==> flow/design.v <==
module cpu_multiplier_v2 #(
  parameter integer WD = 14,
  parameter integer MULT_BY = 46341,
  parameter integer SUM_W = WD + $clog2(MULT_BY + 1)
) (
  input wire i_clk,
  input wire rst_i,
  input wire adv,
  input wire [WD-1:0] u,
  output wire [SUM_W-1:0] q
);
  reg [WD-1:0] u_r;
  always @(posedge i_clk) begin
    if (rst_i) begin
      u_r <= 0;
    end else if (adv) begin
      u_r <= u;
    end
  end
  reg [SUM_W-1:0] r;
  integer k;
  always @* begin
    r = 0;
    for (k = 0; k < SUM_W - WD; k = k + 1)
      if ((MULT_BY >> k) & 1) r = r + (u_r << k);
  end
  assign q = r;
endmodule
======== Reports on cpu_multiplier_v2 ========
Tool output for the design above, in the order of the flow.
Lines are those of the file above, counted from 1.
Operators: Yosys type, input widths -> output width; for muxes data width and select width s.
Library cell names are shortened.
A cell with n/a has no value.
design
  top module .............................. cpu_multiplier_v2
  clock input ............................. i_clk
  standard-cell library ................... sky130hd
  library corner .......................... tt_025C_1v80

======== Word-level counts ========
Source: Yosys, flattened and elaborated, memories not mapped. Widths are those after wreduce; folded enables and synchronous resets count as part of the registers. Registers that Yosys merges into a memory's read port (data or address) are not register bits. Print and check cells do not count. Equal cells are merged and count once.
word-level totals
  bits in registers ....................... 14
  elaborated cells ........................ 7
  input port bits ......................... 17
  output and inout port bits .............. 30
cells by class
  add/sub/neg operators ................... 6
operators with widths
  cell            number
  $add 28x29->30  1
  $add 27x27->28  1
  $add 25x26->27  1
  $add 23x24->25  1
  $add 17x22->23  1
  $add 14x16->17  1

======== Longest topological paths ========
Longest topological path by Yosys (ltp), each cell counted once; first at word level (registers and memories cut), then after technology mapping (sequential cells cut; the memories' decode and read muxes count).
depth
  depth after elaboration ................. 6
  ABC_AREA ................................ 0
  mapped depth ............................ 16

======== Netlist ========
The flow's flattened synthesis, as Yosys stat reports it; memories are mapped. The netlist is that of the ABC_AREA named above (0 if unset); the other value can give another one.
Totals and module areas in this step are rounded.
synthesis totals
  area of sequential cells ................ 280 um^2
  standard cells after synthesis .......... 369
  cell area after synthesis ............... 3330 um^2
  flip-flops .............................. 14
cell types
  cell type  number  total area (um^2)
  fa_1       45      900.864
  ha_1       63      788.256
  inv_1      84      315.302
  dfxtp_1    14      280.269
  mux2i_1    16      160.154
  nor2_1     29      108.854
  a21oi_1    21      105.101
  xnor2_1    10      87.584
  a21o_1     8       60.058
  nand2_1    12      45.043
  xor2_1     5       43.792
  o21ai_0    7       35.034
  a31oi_1    5       31.28
  o21ai_1    4       20.019
  nand2b_1   3       18.768
  nand4_1    3       18.768
  a31o_4     1       17.517
  o21ai_2    2       17.517
Other cell types: 26; their cells: 37.

======== Path before layout ========
Path of least setup slack by OpenSTA after synthesis, without wires, with an ideal clock, recovery checks aside; 20% of the period is set as input and as output delay. Where synthesis merged equal registers, the netlist keeps one of their names.
timing path after synthesis
  path kind ............................... flip-flop to output port
  start point ............................. reg u_r[0]
  end point ............................... out q[24]
  data required time ...................... 5.016 ns
  clock period ............................ 6.27 ns
  path buffers ............................ 0
  setup slack ............................. 1.001 ns
  driving pins on the path ................ 16
  path delay .............................. 4.015 ns
  output delay ............................ 1.254 ns
  arrival ................................. 4.015 ns
  period reached after synthesis .......... 5.269 ns
"path delay" = arrival - input delay + setup time.
A path that ends at an output port has no setup time.
"driving pins on the path" counts driving pins, that of a launching flip-flop among them; a cell with two outputs on the path counts twice.
"period reached after synthesis" is the clock period less the worst setup slack; recovery checks do not enter. This is arithmetic on one report: input and output delays are still those of the set period (20% each).
The rows between start and end are the longest chain of elaborated cells between them; the timing report does not say that the signal goes this way. Where chains are equally long, one stands for them.
A line is the first line of the expression or statement that the cell stems from. Yosys adds cells for indexed reads and writes and turns some case tables into memories.
on the way, after synthesis
  path through ............................ dfxtp_1 > inv_1 > fa_1 > inv_1 > fa_1 > inv_1 > fa_1 > inv_1 > ha_1 > and3_4 > and2_4 > a221o_1 > a31o_4 > o21ai_4 > o21ai_1 > xor2_1
  cells in the longest elaborated chain ... 6
  elaborated cells on any way between the ends .. 6
  RTL lines with such cells ............... 1
  classes of those cells .................. 6 x add/sub
ends and longest elaborated chain, after synthesis
  item            line  source
  from (decl)     12    reg [WD-1:0] u_r;
  from (assign)   15    u_r <= 0;
  from (assign)   17    u_r <= u;
  $add 14x16->17  25    if ((MULT_BY >> k) & 1) r = r + (u_r << k);
  $add 17x22->23  25
  $add 23x24->25  25
  $add 25x26->27  25
  $add 27x27->28  25
  $add 28x29->30  25
  to (decl)       10    output wire [SUM_W-1:0] q

======== Worst path after layout ========
From the final timing report of stored run 1: the path of least setup slack in the routed layout; clock arrival at registers is part of the times.
timing path after layout
  path kind ............................... flip-flop to output port
  start point ............................. reg u_r[5]
  end point ............................... out q[29]
  arrival ................................. 4.16 ns
  path buffers ............................ 3
  setup slack ............................. -1.27 ns
  driving pins on the path ................ 17
  data required time ...................... 2.90 ns
  output delay ............................ 0.72 ns
  clock period ............................ 3.62 ns
The rows between start and end are the longest chain of elaborated cells between them; the timing report does not say that the signal goes this way. Where chains are equally long, one stands for them.
on the way, after layout
  path through ............................ dfxtp_4 > buf_6 > fa_1 > fa_1 > inv_2 > fa_1 > inv_2 > ha_4 > and3_4 > buf_4 > nand2_4 > a21oi_4 > o2111ai_4 > a31oi_4 > mux2i_1 > o221ai_2 > buf_2
  cells in the longest elaborated chain ... 6
  elaborated cells on any way between the ends .. 6
  RTL lines with such cells ............... 1
  classes of those cells .................. 6 x add/sub
ends and longest elaborated chain, after layout
  item            line  source
  from (decl)     12    reg [WD-1:0] u_r;
  from (assign)   15    u_r <= 0;
  from (assign)   17    u_r <= u;
  $add 14x16->17  25    if ((MULT_BY >> k) & 1) r = r + (u_r << k);
  $add 17x22->23  25
  $add 23x24->25  25
  $add 25x26->27  25
  $add 27x27->28  25
  $add 28x29->30  25
  to (decl)       10    output wire [SUM_W-1:0] q

Module cpu_multiplier_v2, platform sky130hd: 3 stored runs of the flow (Yosys, OpenROAD) with differing settings, in no particular order. Input and output delays are each 20% of the period that was set; the output load is 0.01 pF.
"clock period achieved": clock period set for the run, less the worst setup slack. It is reckoned from that one timing run; input and output delays stay at 20% of the period that was set.
"power consumption" rests on the timing tool's default activity at the inputs, not on a simulated workload.
The measured numbers are rounded.

---- stored run 1 ----
settings
  period_ns = 3.62
  CORE_UTILIZATION = 55
  PLACE_DENSITY_LB_ADDON = 0.27
  HOLD_SLACK_MARGIN = 0.12
  CELL_PAD_IN_SITES_GLOBAL_PLACEMENT = 1
  GPL_TIMING_DRIVEN = 0
  GPL_ROUTABILITY_DRIVEN = 1
  CTS_CLUSTER_SIZE = 45
  CTS_CLUSTER_DIAMETER = 264
  CAP_MARGIN = 15
  CORE_MARGIN = 2
  SLEW_MARGIN = 20
results
  utilization ............................. 84.0%
  area of the synthesized netlist ......... 3330 um^2
  die outline area ........................ 6700 um^2
  power consumption ....................... 1.96 mW
  worst setup slack after layout .......... -1.27 ns
  clock period achieved ................... 4.887 ns

---- stored run 2 ----
settings
  period_ns = 4.58
  CORE_UTILIZATION = 31
  PLACE_DENSITY = 0.78
  HOLD_SLACK_MARGIN = -0.07
  CORE_MARGIN = 9
  CTS_CLUSTER_SIZE = 92
  CTS_CLUSTER_DIAMETER = 99
  CAP_MARGIN = 10
  SLEW_MARGIN = 10
results
  utilization ............................. 48.1%
  area of the synthesized netlist ......... 3330 um^2
  die outline area ........................ 14800 um^2
  power consumption ....................... 1.52 mW
  worst setup slack after layout .......... -0.453 ns
  clock period achieved ................... 5.033 ns

---- stored run 3 ----
settings
  period_ns = 6.27
  CAP_MARGIN = 20
  CORE_MARGIN = 2
  CORE_UTILIZATION = 40
  SLEW_MARGIN = 20
results
  utilization ............................. 49.6%
  area of the synthesized netlist ......... 3330 um^2
  die outline area ........................ 9080 um^2
  power consumption ....................... 0.902 mW
  worst setup slack after layout .......... 0.232 ns
  clock period achieved ................... 6.038 ns
